==> flow/design.v <==
module my_add_core_n #(
    parameter DATA_W = 12,
    parameter INPUTS = 32,
    parameter OW = DATA_W + $clog2(INPUTS)
) (
    input  clk,
    input  [INPUTS*DATA_W-1:0] d,
    output [OW-1:0] s
);
    reg [INPUTS*DATA_W-1:0] d_ff;
    wire [OW-1:0] tree [1:2*INPUTS-1];
    genvar i;
    generate
        for (i = 0; i < INPUTS; i = i + 1) begin : slice
            assign tree[INPUTS+i] = d_ff[i*DATA_W +: DATA_W];
        end
        for (i = 1; i < INPUTS; i = i + 1) begin : stage
            assign tree[i] = tree[2*i] + tree[2*i+1];
        end
    endgenerate
    reg [OW-1:0] s_ff;
    assign s = s_ff;
    always @(posedge clk) begin
        d_ff <= d;
        s_ff <= tree[1];
    end
endmodule
From RTL to reports: my_add_core_n --
The steps from the RTL of my_add_core_n to its reports follow in flow order. Line numbers count from 1 in the design file above. Operators carry their Yosys type and port widths (W data, S select, Z words). The mark n/a stands for no value.
Design: design top my_add_core_n, clock input clk, cell library sky130hd, corner tt_025C_1v80

After elaboration --
Yosys after proc, flatten, opt, wreduce and memory -nomap, before mapping. Enables and synchronous resets that opt folds into registers are not counted as muxes. Print and check cells are not counted. Equal cells are merged and count once.
Bit counts: cells after elaboration 33, flip-flop bits (word level) 401, input bits 385
Operators by class: add/subtract/negate cells 31
Operators with widths (count):
- $add A17 B17 Y17 | 15
- $add A12 B12 Y13 | 16

Logic depth --
Longest topological path by Yosys (ltp), each cell counted once; first at word level (registers and memories cut), then after technology mapping (sequential cells cut; the memories' decode and read muxes count).
Logic depth: depth after elaboration 5, ABC_AREA 0, gate-level depth with buffers 25, gate-level depth less buffers 25

After synthesis --
Source: synth_stat.txt of the flow (Yosys; design flattened, memories mapped). It holds for the ABC_AREA given above (unset counts as 0); a run with the other value may have another netlist.
Mapped netlist: synthesis area 21689.6 um2, mapped flip-flops 401, buffer cells 15, standard cells after synthesis 2041, sequential area 8027.7 um2
Cell types:
- sky130_fd_sc_hd__dfxtp_1 | count 401, total area 8.03E+03 um2
- sky130_fd_sc_hd__fa_1 | count 194, total area 3.88E+03 um2
- sky130_fd_sc_hd__ha_1 | count 218, total area 2.73E+03 um2
- sky130_fd_sc_hd__inv_1 | count 268, total area 1.01E+03 um2
- sky130_fd_sc_hd__xnor2_1 | count 94, total area 823.29 um2
- sky130_fd_sc_hd__a21oi_1 | count 122, total area 610.586 um2
- sky130_fd_sc_hd__o21ai_0 | count 92, total area 460.442 um2
- sky130_fd_sc_hd__xor2_1 | count 49, total area 429.162 um2
- sky130_fd_sc_hd__a21o_1 | count 56, total area 420.403 um2
- sky130_fd_sc_hd__nor2_1 | count 92, total area 345.331 um2
- sky130_fd_sc_hd__nor3_1 | count 48, total area 240.23 um2
- sky130_fd_sc_hd__nand2_1 | count 62, total area 232.723 um2
- sky130_fd_sc_hd__nand3_1 | count 33, total area 165.158 um2
- sky130_fd_sc_hd__nand2b_1 | count 26, total area 162.656 um2
- sky130_fd_sc_hd__o211ai_1 | count 18, total area 135.13 um2
- sky130_fd_sc_hd__nor2b_1 | count 21, total area 131.376 um2
- sky130_fd_sc_hd__a211oi_1 | count 17, total area 127.622 um2
- sky130_fd_sc_hd__and3_1 | count 19, total area 118.864 um2
Not listed: further types 49, cells in them 211.

Worst setup path after synthesis --
Path of least setup slack by OpenSTA after synthesis, without wires, with an ideal clock, recovery checks aside; 20% of the period is set as input and as output delay. Where synthesis merged equal registers, the netlist keeps one of their names.
Path after synthesis: path kind register to register, start register d_ff[336], end register s_ff[13], driving pins on the path 23, path delay 6414 ps, required time 7948 ps, buffers on the path 0, clock period 8020 ps, setup slack 1606 ps, launch time at the first pin 0 ps, library setup time 72 ps, data arrival time 6342 ps, period reached after synthesis 6414 ps
"path delay" = arrival - input delay + setup time. "driving pins on the path" counts driving pins, that of a launching flip-flop among them; a cell with two outputs on the path counts twice. "period reached after synthesis" is the clock period less the worst setup slack; recovery checks do not enter. This is arithmetic on one report: input and output delays are still those of the set period (20% each). The rows between start and end are the longest chain of elaborated cells between them; the timing report does not say that the signal goes this way. Where chains are equally long, one stands for them. Each line given opens the expression or statement behind the cell; cells for indexed reads and writes are added by Yosys, which also makes memories of some case tables.
On the way, after synthesis: path through sky130_fd_sc_hd__dfxtp_1 -> sky130_fd_sc_hd__ha_1 -> sky130_fd_sc_hd__fa_1 -> sky130_fd_sc_hd__a21oi_4 -> sky130_fd_sc_hd__o22ai_2 -> sky130_fd_sc_hd__o41a_4 -> sky130_fd_sc_hd__mux2i_1 -> sky130_fd_sc_hd__a2111oi_0 -> sky130_fd_sc_hd__fa_1 -> sky130_fd_sc_hd__fa_1 -> sky130_fd_sc_hd__fa_1 -> sky130_fd_sc_hd__inv_1 -> sky130_fd_sc_hd__fa_1 -> sky130_fd_sc_hd__fa_1 -> sky130_fd_sc_hd__inv_1 -> sky130_fd_sc_hd__fa_1 -> sky130_fd_sc_hd__inv_1 -> sky130_fd_sc_hd__ha_1 -> sky130_fd_sc_hd__a21o_1 -> sky130_fd_sc_hd__a21oi_1 -> sky130_fd_sc_hd__nand2_1 -> sky130_fd_sc_hd__o221ai_1 -> sky130_fd_sc_hd__xnor2_1, cells in the longest elaborated chain 5, elaborated cells between the ends (all ways) 5, classes of those cells add/sub: 5
RTL lines, path after synthesis:
- start: declaration | line 10 | reg [INPUTS*DATA_W-1:0] d_ff;
- start: assignment | line 24 | d_ff <= d;
- $add A12 B12 Y13 | line 18 | assign tree[i] = tree[2*i] + tree[2*i+1];
- $add A17 B17 Y17 x4 | line 18
- end: assignment | line 25 | s_ff <= tree[1];
- end: declaration | line 21 | reg [OW-1:0] s_ff;

Worst path after layout --
Path of least setup slack in the final report of entry A (OpenROAD, finished layout, wires in). Where an end is a register, its clock arrival counts in the times. The report prints the path's times to 10 ps; the period is as set.
Path after layout: path kind register to register, start register d_ff[336], end register s_ff[16], library setup time 120 ps, buffers on the path 0, driving pins on the path 23, clock period 8020 ps, setup slack 1160 ps, required time 8470 ps, data arrival time 7310 ps, launch time at the first pin 580 ps
The rows between start and end are the longest chain of elaborated cells between them; the timing report does not say that the signal goes this way. Where chains are equally long, one stands for them.
On the way, after layout: path through sky130_fd_sc_hd__dfxtp_1 -> sky130_fd_sc_hd__ha_1 -> sky130_fd_sc_hd__fa_1 -> sky130_fd_sc_hd__a21oi_4 -> sky130_fd_sc_hd__o22ai_2 -> sky130_fd_sc_hd__o41a_4 -> sky130_fd_sc_hd__mux2i_1 -> sky130_fd_sc_hd__a2111oi_0 -> sky130_fd_sc_hd__fa_1 -> sky130_fd_sc_hd__fa_1 -> sky130_fd_sc_hd__fa_1 -> sky130_fd_sc_hd__inv_1 -> sky130_fd_sc_hd__fa_1 -> sky130_fd_sc_hd__fa_1 -> sky130_fd_sc_hd__inv_1 -> sky130_fd_sc_hd__fa_1 -> sky130_fd_sc_hd__inv_1 -> sky130_fd_sc_hd__ha_1 -> sky130_fd_sc_hd__a21oi_1 -> sky130_fd_sc_hd__nor2b_1 -> sky130_fd_sc_hd__o21bai_1 -> sky130_fd_sc_hd__a41oi_1 -> sky130_fd_sc_hd__xor2_1, cells in the longest elaborated chain 5, elaborated cells between the ends (all ways) 5, classes of those cells add/sub: 5
RTL lines, path after layout:
- start: declaration | line 10 | reg [INPUTS*DATA_W-1:0] d_ff;
- start: assignment | line 24 | d_ff <= d;
- $add A12 B12 Y13 | line 18 | assign tree[i] = tree[2*i] + tree[2*i+1];
- $add A17 B17 Y17 x4 | line 18
- end: assignment | line 25 | s_ff <= tree[1];
- end: declaration | line 21 | reg [OW-1:0] s_ff;

Lab notebook: my_add_core_n

Record of 3 stored runs of the RTL-to-layout flow on my_add_core_n, platform sky130hd. The runs are unordered. Constraints: input delay and output delay 20% of the set period each, output load 0.01 pF.
"reached clock period" is the run's clock period less its worst setup slack. It is reckoned from that one timing run; input and output delays stay at 20% of the period that was set.
"time of the worst setup path" = time allowed to the worst setup path (clock period - input delay - output delay, where it has them) - its slack; a late launch clock adds to it, a late capture clock takes from it.
"time of the worst setup path" is known to 10 ps.

* Entry A | settings: period_ns 8.02; CAP_MARGIN 20; CORE_MARGIN 2; CORE_UTILIZATION 40; SLEW_MARGIN 20 | results: time of the worst setup path 6860 ps; critical path type register to register; post-layout utilization 52.5 %; overall die area 56102.7 um2; standard-cell area after routing 28184.5 um2; netlist area reported by Yosys 21689.6 um2; total negative setup slack 0 ps; setup slack of the critical path 1164 ps; reached clock period 6856 ps; worst hold slack in the final report 590 ps
* Entry B | settings: period_ns 8.06; CORE_UTILIZATION 20; SETUP_SLACK_MARGIN 1.89; PLACE_DENSITY 0.38; CORE_ASPECT_RATIO 0.84; CELL_PAD_IN_SITES_GLOBAL_PLACEMENT 0; CELL_PAD_IN_SITES_DETAIL_PLACEMENT 0; ABC_AREA 0; CAP_MARGIN 20; CORE_MARGIN 2; SLEW_MARGIN 20 | results: time of the worst setup path 6220 ps; critical path type register to register; post-layout utilization 28.8 %; overall die area 111107.0 um2; standard-cell area after routing 30923.4 um2; netlist area reported by Yosys 21689.6 um2; total negative setup slack 0 ps; setup slack of the critical path 1843 ps; reached clock period 6217 ps; worst hold slack in the final report 609 ps
* Entry C | settings: period_ns 10.8; CORE_UTILIZATION 58; SETUP_SLACK_MARGIN 1.5; PLACE_DENSITY_LB_ADDON 0.24; CELL_PAD_IN_SITES_DETAIL_PLACEMENT 1; TNS_END_PERCENT 25; GPL_TIMING_DRIVEN 0; CTS_CLUSTER_DIAMETER 177; SLEW_MARGIN 20; MAX_ROUTING_LAYER met4; CAP_MARGIN 20; CORE_MARGIN 2 | not finished: clock tree synthesis ended with error DPL-0033
